==> flow/design.v <==
module u_chooser_sel2 #(parameter N = 1) (
    input wire [N-1:0] a,
    input wire [N-1:0] b,
    input wire s,
    output wire [N-1:0] y
);
    assign y = (a & {N{~s}}) | (b & {N{s}});
endmodule
module u_chooser #(
    parameter integer DW = 4,
    parameter integer COUNT = 8,
    parameter integer SEL_W = $clog2(COUNT)
) (
    input  wire ck,
    input  wire rst_ni,
    input  wire enable,
    input  wire [COUNT*DW-1:0] i_in,
    input  wire [SEL_W-1:0] i_choose,
    output reg [DW-1:0] o_z_o
);
    wire [DW-1:0] nd [1:2*COUNT-1];
    genvar i;
    generate
        for (i = 0; i < COUNT; i = i + 1) begin : gen
            assign nd[COUNT+i] = i_in[i*DW +: DW];
        end
        for (i = 1; i < COUNT; i = i + 1) begin : each
            u_chooser_sel2 #(.N(DW)) unit (.a(nd[2*i]), .b(nd[2*i+1]), .s(i_choose[SEL_W - $clog2(i+1)]), .y(nd[i]));
        end
    endgenerate
    always @(posedge ck or negedge rst_ni) begin
        if (~rst_ni) begin
            o_z_o <= 0;
        end else if (enable) begin
            o_z_o <= nd[1];
        end
    end
endmodule
* Tool chain data of u_chooser *
What the tools print for u_chooser, step after step.
Lines are those of the file above, counted from 1.
Library cell names are shortened.
A cell with - has no value.

set-up
  top module = u_chooser
  clock = ck
  standard-cell library = sky130hd
  corner = tt_025C_1v80

* Word-level counts *
Source: Yosys, flattened and elaborated, memories not mapped. Widths are those after wreduce; folded enables and synchronous resets count as part of the registers. Registers that Yosys merges into a memory's read port (data or address) are not register bits. Print and check cells do not count. Equal cells are merged and count once.

bit counts
  register bits after elaboration = 4
  cells after elaboration = 25
  input bits = 38
  output and inout port bits = 4

operators by class
  bitwise logic cells = 24

operators by type and width
  kind               count
  4-bit bitwise AND  14
  4-bit OR           7
  1-bit NOT          3

* Logic depth *
Depth = most cells in a row (Yosys ltp): at word level without a register or memory, in the mapped netlist without a sequential cell, where the memories' decode and read muxes count.

depth
  depth after elaboration = 7
  ABC_AREA = 0
  gate-level depth with buffers = 5
  gate-level depth less buffers = 3

* After synthesis *
Source: synth_stat.txt of the flow (Yosys; design flattened, memories mapped). It holds for the ABC_AREA given above (unset counts as 0); a run with the other value may have another netlist.

synthesis totals
  area of sequential cells = 100.1 µm²
  flip-flops = 4
  cells in the netlist = 42
  cell area after synthesis = 435.4 µm²
  buffer cells = 2

cells by type
  cell     count  area in all (µm²)
  mux2i_1  16     160.154
  dfrtp_1  4      100.096
  a22oi_1  8      60.058
  a31o_1   4      35.034
  nor2b_1  5      31.28
  buf_12   1      20.019
  buf_6    1      11.261
  and2b_1  1      7.507
  and2_1   1      6.256
  nor2_1   1      3.754

By module: a second synthesis without flattening, with its own total; a netlist apart from the flattened one above.

second synthesis, totals
  cell total of the unflattened synthesis = 36
  area (unflattened synthesis) = 460.4 µm²

Rows give one instance, submodules left out.

by module
  module                  times used  seq. area (µm²)  cells  area (µm²)
  (no name shown) #(N=4)  7           0.0              4      45.0
  (no name shown)         1           100.1            8      145.1

* Worst setup path after synthesis *
Source: OpenSTA report_checks on the synthesized netlist (no wires, ideal clock, input and output delay 20% of the period each), path of least setup slack; recovery checks are left aside. Register names are those of the netlist, which keeps one name where synthesis merged equal registers.

path post-synthesis
  kind = in2reg
  from = input port (name not given)
  to = register o_z_o[2]
  clock period = 1310 ps
  delay of the path = 838 ps
  stages on the path = 5
  slack = 210 ps
  required time = 1190 ps
  data arrival time = 980 ps
  external input delay = 262 ps
  path buffers = 2
  launch time at the first pin = 262 ps
  library setup time = 120 ps
  synthesis period reached = 1100 ps

"delay of the path" is the arrival time less input delay plus setup time.
"stages on the path": output pins that drive a net of the path, with the launching flip-flop's if there is one; two outputs of one cell count as two.
"synthesis period reached" is the clock period less the worst setup slack; recovery checks do not enter. This is arithmetic on one report: input and output delays are still those of the set period (20% each).
Between the ends stands the longest chain of elaborated cells between them, by number of cells; it is not shown to be the way that was timed. Of several equally long chains one is given.
A line is the first line of the expression or statement that the cell stems from. Yosys adds cells for indexed reads and writes and turns some case tables into memories.

between the ends, post-synthesis
  path through = buf_6 buf_12 mux2i_1 a22oi_1 a31o_1
  length of the longest elaborated chain = 7
  elaborated cells between the ends (all ways) = 22
  RTL lines with such cells = 1
  classes of those cells = 22 x logic

ends and longest elaborated chain, post-synthesis
  what                line  source
  start: declaration  18
  1-bit NOT           7     assign y = (a & {N{~s}}) | (b & {N{s}});
  4-bit bitwise AND   7
  4-bit OR            7
  4-bit bitwise AND   7
  4-bit OR            7
  4-bit bitwise AND   7
  4-bit OR            7
  end: assignment     33    o_z_o <= 0;
  end: assignment     35    o_z_o <= nd[1];
  end: declaration    19    output reg [DW-1:0] o_z_o

* Path in the finished layout *
Path of least setup slack in the final report of record 3 (OpenROAD, finished layout, wires in). Where an end is a register, its clock arrival counts in the times.
The report prints the path's times to 10 ps; the period is as set.

path after layout
  kind = in2reg
  from = input port (name not given)
  to = register o_z_o[1]
  slack = 130 ps
  library setup time = 120 ps
  launch time at the first pin = 260 ps
  clock period = 1310 ps
  data arrival time = 1300 ps
  stages on the path = 5
  external input delay = 260 ps
  required time = 1420 ps
  path buffers = 2

Between the ends stands the longest chain of elaborated cells between them, by number of cells; it is not shown to be the way that was timed. Of several equally long chains one is given.

between the ends, after layout
  path through = dlygate4sd2_1 buf_6 mux2i_1 a22oi_1 a31o_1
  length of the longest elaborated chain = 7
  elaborated cells between the ends (all ways) = 22
  RTL lines with such cells = 1
  classes of those cells = 22 x logic

ends and longest elaborated chain, after layout
  what                line  source
  start: declaration  18
  1-bit NOT           7     assign y = (a & {N{~s}}) | (b & {N{s}});
  4-bit bitwise AND   7
  4-bit OR            7
  4-bit bitwise AND   7
  4-bit OR            7
  4-bit bitwise AND   7
  4-bit OR            7
  end: assignment     33    o_z_o <= 0;
  end: assignment     35    o_z_o <= nd[1];
  end: declaration    19    output reg [DW-1:0] o_z_o

Appendix: measured runs

Measured data: module u_chooser, platform sky130hd, 3 stored runs of the flow under differing settings, order arbitrary. Input and output delays are each 20% of the period that was set; the output load is 0.01 pF.
By "achieved clock period" is meant the clock period of the run minus its worst setup slack. This is arithmetic on one report: input and output delays are still those of the set period (20% each).
"worst setup path time" means the part of the period allowed to the worst setup path (the constraints hold back 20% at inputs and 20% at outputs) less its slack; where the path has registers, the arrival times of their clocks count too.
"power" is the tool's figure for a default switching activity; nothing was simulated.
"worst setup path time" is known to 10 ps.

Record 1
==> flow/run.sh <==
#!/bin/bash
# the make line also repeats the synthesis and layout settings of config.mk as NAME=value (left out here)
make -C /OpenROAD-flow-scripts/flow DESIGN_CONFIG=/design/flow/config.mk WORK_HOME=/design/flow/orfs CLKGATE_MAP_FILE= finish
==> flow/config.mk <==
export PLATFORM = sky130hd
export DESIGN_NAME = u_chooser
export DESIGN_NICKNAME = u_chooser
export VERILOG_FILES = /design/flow/design.v
export SDC_FILE = /design/flow/constraint.sdc
export NUM_CORES = 4
export LEC_CHECK = 0
export ABC_AREA = 0
export CAP_MARGIN = 20
export CELL_PAD_IN_SITES_GLOBAL_PLACEMENT = 1
export CORE_ASPECT_RATIO = 1.06
export CORE_MARGIN = 9
export CORE_UTILIZATION = 64
export CTS_CLUSTER_DIAMETER = 324
export CTS_CLUSTER_SIZE = 31
export GPL_TIMING_DRIVEN = 0
export HOLD_SLACK_MARGIN = 0.16
export MAX_ROUTING_LAYER = met5
export PLACE_DENSITY_LB_ADDON = 0.04
export SLEW_MARGIN = 35
export TNS_END_PERCENT = 85
==> flow/constraint.sdc <==
create_clock -name core_clock -period 1.19 [get_ports {ck}]
set_input_delay 0.2380 -clock core_clock [delete_from_list [all_inputs] [get_ports {ck}]]
set_output_delay 0.2380 -clock core_clock [all_outputs]
set_load 0.01 [all_outputs]

==> results of record 1 <==
did not finish, floorplanning stopped with PDN-0185

Record 2
==> flow/run.sh <==
#!/bin/bash
# the make line also repeats the synthesis and layout settings of config.mk as NAME=value (left out here)
make -C /OpenROAD-flow-scripts/flow DESIGN_CONFIG=/design/flow/config.mk WORK_HOME=/design/flow/orfs CLKGATE_MAP_FILE= finish
==> flow/config.mk <==
export PLATFORM = sky130hd
export DESIGN_NAME = u_chooser
export DESIGN_NICKNAME = u_chooser
export VERILOG_FILES = /design/flow/design.v
export SDC_FILE = /design/flow/constraint.sdc
export NUM_CORES = 4
export LEC_CHECK = 0
export CAP_MARGIN = 20
export CELL_PAD_IN_SITES_DETAIL_PLACEMENT = 1
export CORE_ASPECT_RATIO = 0.53
export CORE_MARGIN = 2
export CORE_UTILIZATION = 38
export CTS_CLUSTER_DIAMETER = 155
export GPL_ROUTABILITY_DRIVEN = 1
export GPL_TIMING_DRIVEN = 1
export MIN_ROUTING_LAYER = met2
export PLACE_DENSITY = 0.65
export SLEW_MARGIN = 20
==> flow/constraint.sdc <==
create_clock -name core_clock -period 1.97 [get_ports {ck}]
set_input_delay 0.3940 -clock core_clock [delete_from_list [all_inputs] [get_ports {ck}]]
set_output_delay 0.3940 -clock core_clock [all_outputs]
set_load 0.01 [all_outputs]

==> results of record 2 <==
did not finish, floorplanning stopped with PDN-0185

Record 3
==> flow/run.sh <==
#!/bin/bash
# the make line also repeats the synthesis and layout settings of config.mk as NAME=value (left out here)
make -C /OpenROAD-flow-scripts/flow DESIGN_CONFIG=/design/flow/config.mk WORK_HOME=/design/flow/orfs CLKGATE_MAP_FILE= finish
==> flow/config.mk <==
export PLATFORM = sky130hd
export DESIGN_NAME = u_chooser
export DESIGN_NICKNAME = u_chooser
export VERILOG_FILES = /design/flow/design.v
export SDC_FILE = /design/flow/constraint.sdc
export NUM_CORES = 4
export LEC_CHECK = 0
export CAP_MARGIN = 20
export CORE_MARGIN = 2
export CORE_UTILIZATION = 40
export SLEW_MARGIN = 20
==> flow/constraint.sdc <==
create_clock -name core_clock -period 1.31 [get_ports {ck}]
set_input_delay 0.2620 -clock core_clock [delete_from_list [all_inputs] [get_ports {ck}]]
set_output_delay 0.2620 -clock core_clock [all_outputs]
set_load 0.01 [all_outputs]

==> results of record 3 <==
chip area after synthesis (Yosys): 435.4 µm²
die area: 1368.6 µm²
standard-cell area of the final layout: 892.1 µm²
utilization: 0.913
worst setup slack after layout: 127 ps
total negative slack: 0 ps
power: 0.0005709 W
achieved clock period: 1183 ps
worst setup path time: 920 ps
worst setup path kind: in2reg
